==> flow/design.v <==
module sync_mul_unit_mod (ck, RSTN, step, a, b, res);
    parameter DATA_WIDTH = 7;
    parameter NUM = 4;
    localparam RW = 2*DATA_WIDTH + $clog2(NUM);
    input ck;
    input RSTN;
    input step;
    input [NUM*DATA_WIDTH-1:0] a;
    input [NUM*DATA_WIDTH-1:0] b;
    output [RW-1:0] res;
    reg [RW-1:0] t;
    integer i;
    always @(*) begin
        t = 0;
        for (i = 0; i < NUM; i = i + 1)
            t = t + a[i*DATA_WIDTH +: DATA_WIDTH] * b[i*DATA_WIDTH +: DATA_WIDTH];
    end
    reg [RW-1:0] res_ff;
    always @(posedge ck or negedge RSTN) begin
        if (~RSTN) begin
            res_ff <= 0;
        end else if (step) begin
            res_ff <= t;
        end
    end
    assign res = res_ff;
endmodule
Step by step through the tools: sync_mul_unit_mod. What the tools print for sync_mul_unit_mod, step after step. Line numbers count from 1 in the design file above. Operators: Yosys type, input widths -> output width; for muxes data width and select width s. The mark - stands for no value.

Top: sync_mul_unit_mod. Clock: ck. Standard-cell library: sky130hd. Library corner: tt_025C_1v80.

Word-level counts. Source: Yosys, flattened and elaborated, memories not mapped. Widths are those after wreduce; folded enables and synchronous resets count as part of the registers. Registers that Yosys merges into a memory's read port (data or address) are not register bits. Print and check cells do not count. Equal cells are merged and count once.

The entry for add/sub/neg operators reads 3. The figure for multipliers is 4.

Operators by type and width (number): $mul 7x7->14 (4); $add 15x14->16 (1); $add 16x14->16 (1); $add 14x14->15 (1).

For register bits after elaboration the number is 16. The figure for bits of input ports is 59. Word-level cells: 8.

Logic depth. Yosys ltp: most cells in a row. Word level: on the elaborated netlist, between registers, memories and ports. Mapped: between sequential cells and ports; inverters and the memories' decode and read muxes count.

Word-level depth: 4. For ABC_AREA the number is 0. The entry for mapped depth reads 21. For gate-level depth less buffers the number is 21.

After synthesis. Source: synth_stat.txt of the flow (Yosys; design flattened, memories mapped). It holds for the ABC_AREA given above (unset counts as 0); a run with the other value may have another netlist. The area totals of this step are shown rounded.

Under standard cells after synthesis stands 790. The figure for synthesis area is 7520 um2. Area of sequential cells: 400 um2. Under flip-flop cells stands 16. For buffers the number is 4.

Cell types: sky130_fd_sc_hd__fa_1 (number 167, total area 3.34E+03 um2); sky130_fd_sc_hd__ha_1 (number 92, total area 1.15E+03 um2); sky130_fd_sc_hd__and2_1 (number 146, total area 913.376 um2); sky130_fd_sc_hd__inv_1 (number 224, total area 840.806 um2); sky130_fd_sc_hd__dfrtp_1 (number 16, total area 400.384 um2); sky130_fd_sc_hd__nand2_1 (number 57, total area 213.955 um2); sky130_fd_sc_hd__xnor2_1 (number 6, total area 52.55 um2); sky130_fd_sc_hd__mux2_1 (number 4, total area 45.043 um2); sky130_fd_sc_hd__mux2_2 (number 4, total area 45.043 um2); sky130_fd_sc_hd__a21oi_1 (number 8, total area 40.038 um2); sky130_fd_sc_hd__nor2_1 (number 10, total area 37.536 um2); sky130_fd_sc_hd__a21oi_4 (number 2, total area 32.531 um2); sky130_fd_sc_hd__a21o_1 (number 4, total area 30.029 um2); sky130_fd_sc_hd__nand3_1 (number 6, total area 30.029 um2); sky130_fd_sc_hd__and3_1 (number 4, total area 25.024 um2); sky130_fd_sc_hd__nor3_1 (number 5, total area 25.024 um2); sky130_fd_sc_hd__buf_6 (number 2, total area 22.522 um2); sky130_fd_sc_hd__o211a_1 (number 2, total area 20.019 um2).

Not listed: further types 26, cells in them 31.

Timing after synthesis. Source: OpenSTA report_checks on the synthesized netlist (no wires, ideal clock, input and output delay 20% of the period each), path of least setup slack; recovery checks are left aside. Register names are those of the netlist, which keeps one name where synthesis merged equal registers.

Kind: in2reg. Start: input a[2]. End: register res_ff[14]. For period the number is 8.45 ns. The figure for input delay is 1.690 ns. The figure for time at the first pin is 1.690 ns. Data arrival time: 6.976 ns. The figure for setup slack is 1.349 ns. Path delay: 5.411 ns. Under stages stands 18. The entry for synthesis period reached reads 7.101 ns.

"path delay" is the arrival time less input delay plus setup time. "stages": output pins that drive a net of the path, with the launching flip-flop's if there is one; two outputs of one cell count as two. "synthesis period reached" = period - worst setup slack (recovery checks aside). The figure is calculated, with input and output delays left at 20% of the set period. The rows between start and end are the longest chain of elaborated cells between them; the timing report does not say that the signal goes this way. Where chains are equally long, one stands for them. A line is the first line of the expression or statement that the cell stems from. Yosys adds cells for indexed reads and writes and turns some case tables into memories.

Cell sequence: sky130_fd_sc_hd__and2_1 -> sky130_fd_sc_hd__fa_1 -> sky130_fd_sc_hd__fa_1 -> sky130_fd_sc_hd__inv_1 -> sky130_fd_sc_hd__fa_1 -> sky130_fd_sc_hd__fa_1 -> sky130_fd_sc_hd__inv_1 -> sky130_fd_sc_hd__fa_1 -> sky130_fd_sc_hd__fa_1 -> sky130_fd_sc_hd__inv_1 -> sky130_fd_sc_hd__fa_1 -> sky130_fd_sc_hd__inv_1 -> sky130_fd_sc_hd__ha_1 -> sky130_fd_sc_hd__a21o_1 -> sky130_fd_sc_hd__a221oi_2 -> sky130_fd_sc_hd__o221ai_2 -> sky130_fd_sc_hd__xor2_1 -> sky130_fd_sc_hd__mux2_4. Length of the longest elaborated chain: 4. Elaborated cells between the ends (all ways): 4. The figure for source lines of those cells is 1.

Ends and longest elaborated chain, after synthesis: from (decl) (RTL line 8) `input [NUM*DATA_WIDTH-1:0] a;`; $mul 7x7->14 (RTL line 16) `t = t + a[i*DATA_WIDTH +: DATA_WIDTH] * b[i*DATA_WIDTH +: DATA_WIDTH];`; $add 14x14->15 (RTL line 16); $add 15x14->16 (RTL line 16); $add 16x14->16 (RTL line 16); to (assign) (RTL line 21) `res_ff <= 0;`; to (assign) (RTL line 23) `res_ff <= t;`; to (decl) (RTL line 18) `reg [RW-1:0] res_ff;`.

Path in the finished layout. Path of least setup slack in the final report of record 1 (OpenROAD, finished layout, wires in). Where an end is a register, its clock arrival counts in the times.

Kind: in2reg. Start: input a[27]. End: register res_ff[9]. For period the number is 8.64 ns. The figure for input delay is 1.73 ns. The figure for time at the first pin is 1.73 ns. Data arrival time: 7.83 ns. The figure for setup slack is 1.00 ns. Under stages stands 19.

The rows between start and end are the longest chain of elaborated cells between them; the timing report does not say that the signal goes this way. Where chains are equally long, one stands for them.

Cell sequence: sky130_fd_sc_hd__dlygate4sd2_1 -> sky130_fd_sc_hd__and2_1 -> sky130_fd_sc_hd__fa_1 -> sky130_fd_sc_hd__fa_1 -> sky130_fd_sc_hd__inv_1 -> sky130_fd_sc_hd__fa_1 -> sky130_fd_sc_hd__fa_1 -> sky130_fd_sc_hd__inv_1 -> sky130_fd_sc_hd__fa_1 -> sky130_fd_sc_hd__fa_1 -> sky130_fd_sc_hd__inv_1 -> sky130_fd_sc_hd__fa_1 -> sky130_fd_sc_hd__inv_1 -> sky130_fd_sc_hd__ha_4 -> sky130_fd_sc_hd__a21o_4 -> sky130_fd_sc_hd__a31oi_2 -> sky130_fd_sc_hd__a21boi_1 -> sky130_fd_sc_hd__or4b_1 -> sky130_fd_sc_hd__nand3_1. Length of the longest elaborated chain: 2. Elaborated cells between the ends (all ways): 2. The figure for source lines of those cells is 1.

Ends and longest elaborated chain, after layout: from (decl) (RTL line 8) `input [NUM*DATA_WIDTH-1:0] a;`; $mul 7x7->14 (RTL line 16) `t = t + a[i*DATA_WIDTH +: DATA_WIDTH] * b[i*DATA_WIDTH +: DATA_WIDTH];`; $add 16x14->16 (RTL line 16); to (assign) (RTL line 21) `res_ff <= 0;`; to (assign) (RTL line 23) `res_ff <= t;`; to (decl) (RTL line 18) `reg [RW-1:0] res_ff;`.

Add stored flow runs of sync_mul_unit_mod

Stored flow runs of sync_mul_unit_mod (3 of them; Yosys, OpenROAD, sky130hd). They differ in their settings and are not a sequence. Constraints: input delay and output delay 20% of the set period each, output load 0.01 pF. "achieved period": clock period set for the run, less the worst setup slack. It is reckoned from that one timing run; input and output delays stay at 20% of the period that was set. Results are given in rounded form.

Record 1 has these settings: period_ns 8.64; CORE_UTILIZATION 56; SETUP_SLACK_MARGIN 1.0; PLACE_DENSITY_LB_ADDON 0.14; CORE_MARGIN 7; CELL_PAD_IN_SITES_DETAIL_PLACEMENT 1; SLEW_MARGIN 10; CAP_MARGIN 20. For the sum of negative setup slack the run shows 0.000 ns. For the netlist area reported by Yosys the run shows 7520 um2. For the worst hold slack after layout the run shows 0.506 ns. The achieved period reads 7.641 ns. The utilization of the finished layout is 64.8%. For the die footprint the run shows 16900 um2. The setup slack of the critical path reads 0.999 ns.

Record 2 has these settings: period_ns 10.7; CORE_UTILIZATION 22; PLACE_DENSITY_LB_ADDON 0.0; CAP_MARGIN 30; SLEW_MARGIN 25; MAX_ROUTING_LAYER met4; CORE_MARGIN 2. For the worst hold slack after layout the run shows 0.482 ns. The setup slack of the critical path reads 2.38 ns. For the netlist area reported by Yosys the run shows 7520 um2. The achieved period reads 8.325 ns. The utilization of the finished layout is 26.4%. For the sum of negative setup slack the run shows 0.000 ns. For the die footprint the run shows 35700 um2.

Record 3 has these settings: period_ns 8.45; CAP_MARGIN 20; CORE_MARGIN 2; CORE_UTILIZATION 40; SLEW_MARGIN 20. For the netlist area reported by Yosys the run shows 7520 um2. The achieved period reads 7.727 ns. For the sum of negative setup slack the run shows 0.000 ns. The utilization of the finished layout is 46.3%. The setup slack of the critical path reads 0.723 ns. For the worst hold slack after layout the run shows 0.485 ns. For the die footprint the run shows 19900 um2.
